==> flow/design.v <==
module cpu_cmp #(
    parameter integer WIDTH = 28
) (
    input wire sys_clk,
    input wire i_rst,
    input wire [WIDTH-1:0] first,
    input wire [WIDTH-1:0] second,
    output reg less,
    output reg is_eq,
    output reg gt
);
    reg [WIDTH-1:0] first_q;
    always @(posedge sys_clk) begin
        if (i_rst) begin
            first_q <= 0;
        end else begin
            first_q <= first;
        end
    end
    reg [WIDTH-1:0] second_q;
    always @(posedge sys_clk) begin
        if (i_rst) begin
            second_q <= 0;
        end else begin
            second_q <= second;
        end
    end
    always @(posedge sys_clk) begin
        if (i_rst) begin
            less <= 1'b0;
        end else begin
            less <= (first_q < second_q);
        end
    end
    always @(posedge sys_clk) begin
        if (i_rst) begin
            is_eq <= 1'b0;
        end else begin
            is_eq <= (first_q == second_q);
        end
    end
    always @(posedge sys_clk) begin
        if (i_rst) begin
            gt <= 1'b0;
        end else begin
            gt <= (first_q > second_q);
        end
    end
endmodule
-- Reports on cpu_cmp
Tool output for the design above, in the order of the flow.
Lines are those of the file above, counted from 1.
Operators: Yosys type, input widths -> output width; for muxes data width and select width s.
Cell names lack the library's common part.
A cell with n/a has no value.
- top: cpu_cmp
- clock input: sys_clk
- cell library: sky130hd
- corner: tt_025C_1v80

-- Word-level counts
Source: Yosys, flattened and elaborated, memories not mapped. Widths are those after wreduce; folded enables and synchronous resets count as part of the registers. Registers that Yosys merges into a memory's read port (data or address) are not register bits. Print and check cells do not count. Equal cells are merged and count once.
- eq/ne operators: 1
- $lt $le $gt $ge: 2
- operators by type and width (kind ; number):
    $gt 28x28->1 ; 1
    $lt 28x28->1 ; 1
    $eq 28x28->1 ; 1
- output and inout port bits: 3
- flip-flop bits (word level): 59

-- Logic depth
Yosys ltp: most cells in a row. Word level: on the elaborated netlist, between registers, memories and ports. Mapped: between sequential cells and ports; inverters and the memories' decode and read muxes count.
- depth in word-level cells at 1
- noted ABC_AREA: 1
- noted mapped depth: 12
- gate-level depth less buffers: 12

-- Netlist
The flow's flattened synthesis, as Yosys stat reports it; memories are mapped. The netlist is that of the ABC_AREA named above (0 if unset); the other value can give another one.
- noted cell area after synthesis: 0.0024749 mm2
- flip-flops at 59
- noted buffer cells: 7
- standard cells after synthesis at 319
- cell types (cell ; number ; area in all (um2)):
    dfxtp_1 ; 59 ; 1.18E+03
    inv_1 ; 97 ; 364.099
    ha_1 ; 28 ; 350.336
    nor2_1 ; 63 ; 236.477
    nand2_1 ; 40 ; 150.144
    a21oi_1 ; 7 ; 35.034
    nand3_1 ; 5 ; 25.024
    nand2_2 ; 3 ; 18.768
    nor2_2 ; 3 ; 18.768
    buf_2 ; 3 ; 15.014
    clkbuf_1 ; 4 ; 15.014
    nor2_4 ; 1 ; 11.261
    o21bai_2 ; 1 ; 11.261
    nand3_2 ; 1 ; 10.01
    nor3_2 ; 1 ; 10.01
    a21oi_2 ; 1 ; 8.758
    a21o_1 ; 1 ; 7.507
    and2_1 ; 1 ; 6.256

-- Timing after synthesis
OpenSTA on the mapped netlist: ideal clock, no wires. The path of least setup slack (recovery checks aside). Input and output delay are each 20% of the period. Register names are those of the netlist, which keeps one name where synthesis merged equal registers.
- path type: register to register
- start: register second_q[23]
- end: register less
- delay of the path: 1.274 ns
- data arrival time: 1.157 ns
- path slack: 0.916 ns
- clock period: 2.19 ns
- required time: 2.073 ns
- driving pins on the path at 10
- library setup time at 0.117 ns
- time at the first pin at 0.000 ns
- path buffers: 0
- period reached after synthesis: 1.274 ns
"delay of the path" is the arrival time less input delay plus setup time.
"driving pins on the path": output pins that drive a net of the path, with the launching flip-flop's if there is one; two outputs of one cell count as two.
"period reached after synthesis" is the clock period less the worst setup slack; recovery checks do not enter. This is arithmetic on one report: input and output delays are still those of the set period (20% each).
Between the ends stands the longest chain of elaborated cells between them, by number of cells; it is not shown to be the way that was timed. Of several equally long chains one is given.
Each line given opens the expression or statement behind the cell; cells for indexed reads and writes are added by Yosys, which also makes memories of some case tables.
- cells stage by stage: dfxtp_1 > inv_1 > ha_1 > nand2_2 > nor2_2 > nand2_2 > nor3_2 > nand2_1 > nand2_1 > nor2_1
- length of the longest elaborated chain at 1
- elaborated cells on any way between the ends at 1
- ends and longest elaborated chain, after synthesis (what ; line ; source):
    start: declaration ; 20 ; reg [WIDTH-1:0] second_q;
    start: assignment ; 23 ; second_q <= 0;
    start: assignment ; 25 ; second_q <= second;
    $lt 28x28->1 ; 32 ; less <= (first_q < second_q);
    end: assignment ; 30 ; less <= 1'b0;
    end: assignment ; 32 ;
    end: declaration ; 8 ; output reg less,

-- Worst path after layout
Path of least setup slack in the final report of flow run 1 (OpenROAD, finished layout, wires in). Where an end is a register, its clock arrival counts in the times.
- path type: register to output
- start: register gt
- end: output port gt
- path buffers: 1
- time at the first pin at 0.33 ns
- driving pins on the path at 2
- clock period: 2.51 ns
- data arrival time: 1.20 ns
- required time: 2.01 ns
- path slack: 0.81 ns
- cells stage by stage: dfxtp_1 > clkdlybuf4s50_1
- length of the longest elaborated chain at 0
- elaborated cells on any way between the ends at 0
- ends and longest elaborated chain, post-layout (what ; line ; source):
    start: declaration ; 10 ; output reg gt
    start: assignment ; 44 ; gt <= 1'b0;
    start: assignment ; 46 ; gt <= (first_q > second_q);
    end: declaration ; 10 ;

## Implementation results

Module cpu_cmp, platform sky130hd: 3 stored runs of the flow (Yosys, OpenROAD) with differing settings, in no particular order. Input and output delays are each 20% of the period that was set; the output load is 0.01 pF.
"achieved period": clock period set for the run, less the worst setup slack. It is reckoned from that one timing run; input and output delays stay at 20% of the period that was set.
"total power after layout" is the tool's figure for a default switching activity; nothing was simulated.

Flow run 1
Settings were period_ns = 2.51; CORE_UTILIZATION = 42; PLACE_DENSITY_LB_ADDON = 0.18; TNS_END_PERCENT = 50; ABC_AREA = 1; GPL_ROUTABILITY_DRIVEN = 1; CTS_CLUSTER_DIAMETER = 38; CAP_MARGIN = 40; CORE_MARGIN = 2; SLEW_MARGIN = 20
- noted the cell area after synthesis: 0.0024749 mm2
- die area at 0.0065222 mm2
- standard-cell area after routing at 0.0033319 mm2
- noted the utilization of the finished layout: 59.4 %
- setup slack of the worst path: 0.806 ns
- noted the worst hold slack in the final report: 0.678 ns
- total power after layout at 2,114 uW
- achieved period: 1.704 ns

Flow run 2
Settings were period_ns = 1.44; CORE_UTILIZATION = 63; SETUP_SLACK_MARGIN = 0.36; PLACE_DENSITY_LB_ADDON = 0.01; CORE_ASPECT_RATIO = 0.85; CELL_PAD_IN_SITES_GLOBAL_PLACEMENT = 0; ABC_AREA = 1; GPL_TIMING_DRIVEN = 0; GPL_ROUTABILITY_DRIVEN = 1; CTS_CLUSTER_DIAMETER = 306; CAP_MARGIN = 20; CORE_MARGIN = 2; SLEW_MARGIN = 20
- noted the cell area after synthesis: 0.0024749 mm2
- die area at 0.0044473 mm2
- standard-cell area after routing at 0.0035872 mm2
- noted the utilization of the finished layout: 97.5 %
- setup slack of the worst path: -0.186 ns
- noted the worst hold slack in the final report: 0.443 ns
- total power after layout at 3,839 uW
- achieved period: 1.626 ns

Flow run 3
Settings were period_ns = 2.19; CAP_MARGIN = 20; CORE_MARGIN = 2; CORE_UTILIZATION = 40; SLEW_MARGIN = 20
- noted the cell area after synthesis: 0.0022985 mm2
- die area at 0.0063688 mm2
- standard-cell area after routing at 0.0031555 mm2
- noted the utilization of the finished layout: 57.0 %
- setup slack of the worst path: 0.347 ns
- noted the worst hold slack in the final report: 0.439 ns
- total power after layout at 2,323 uW
- achieved period: 1.843 ns
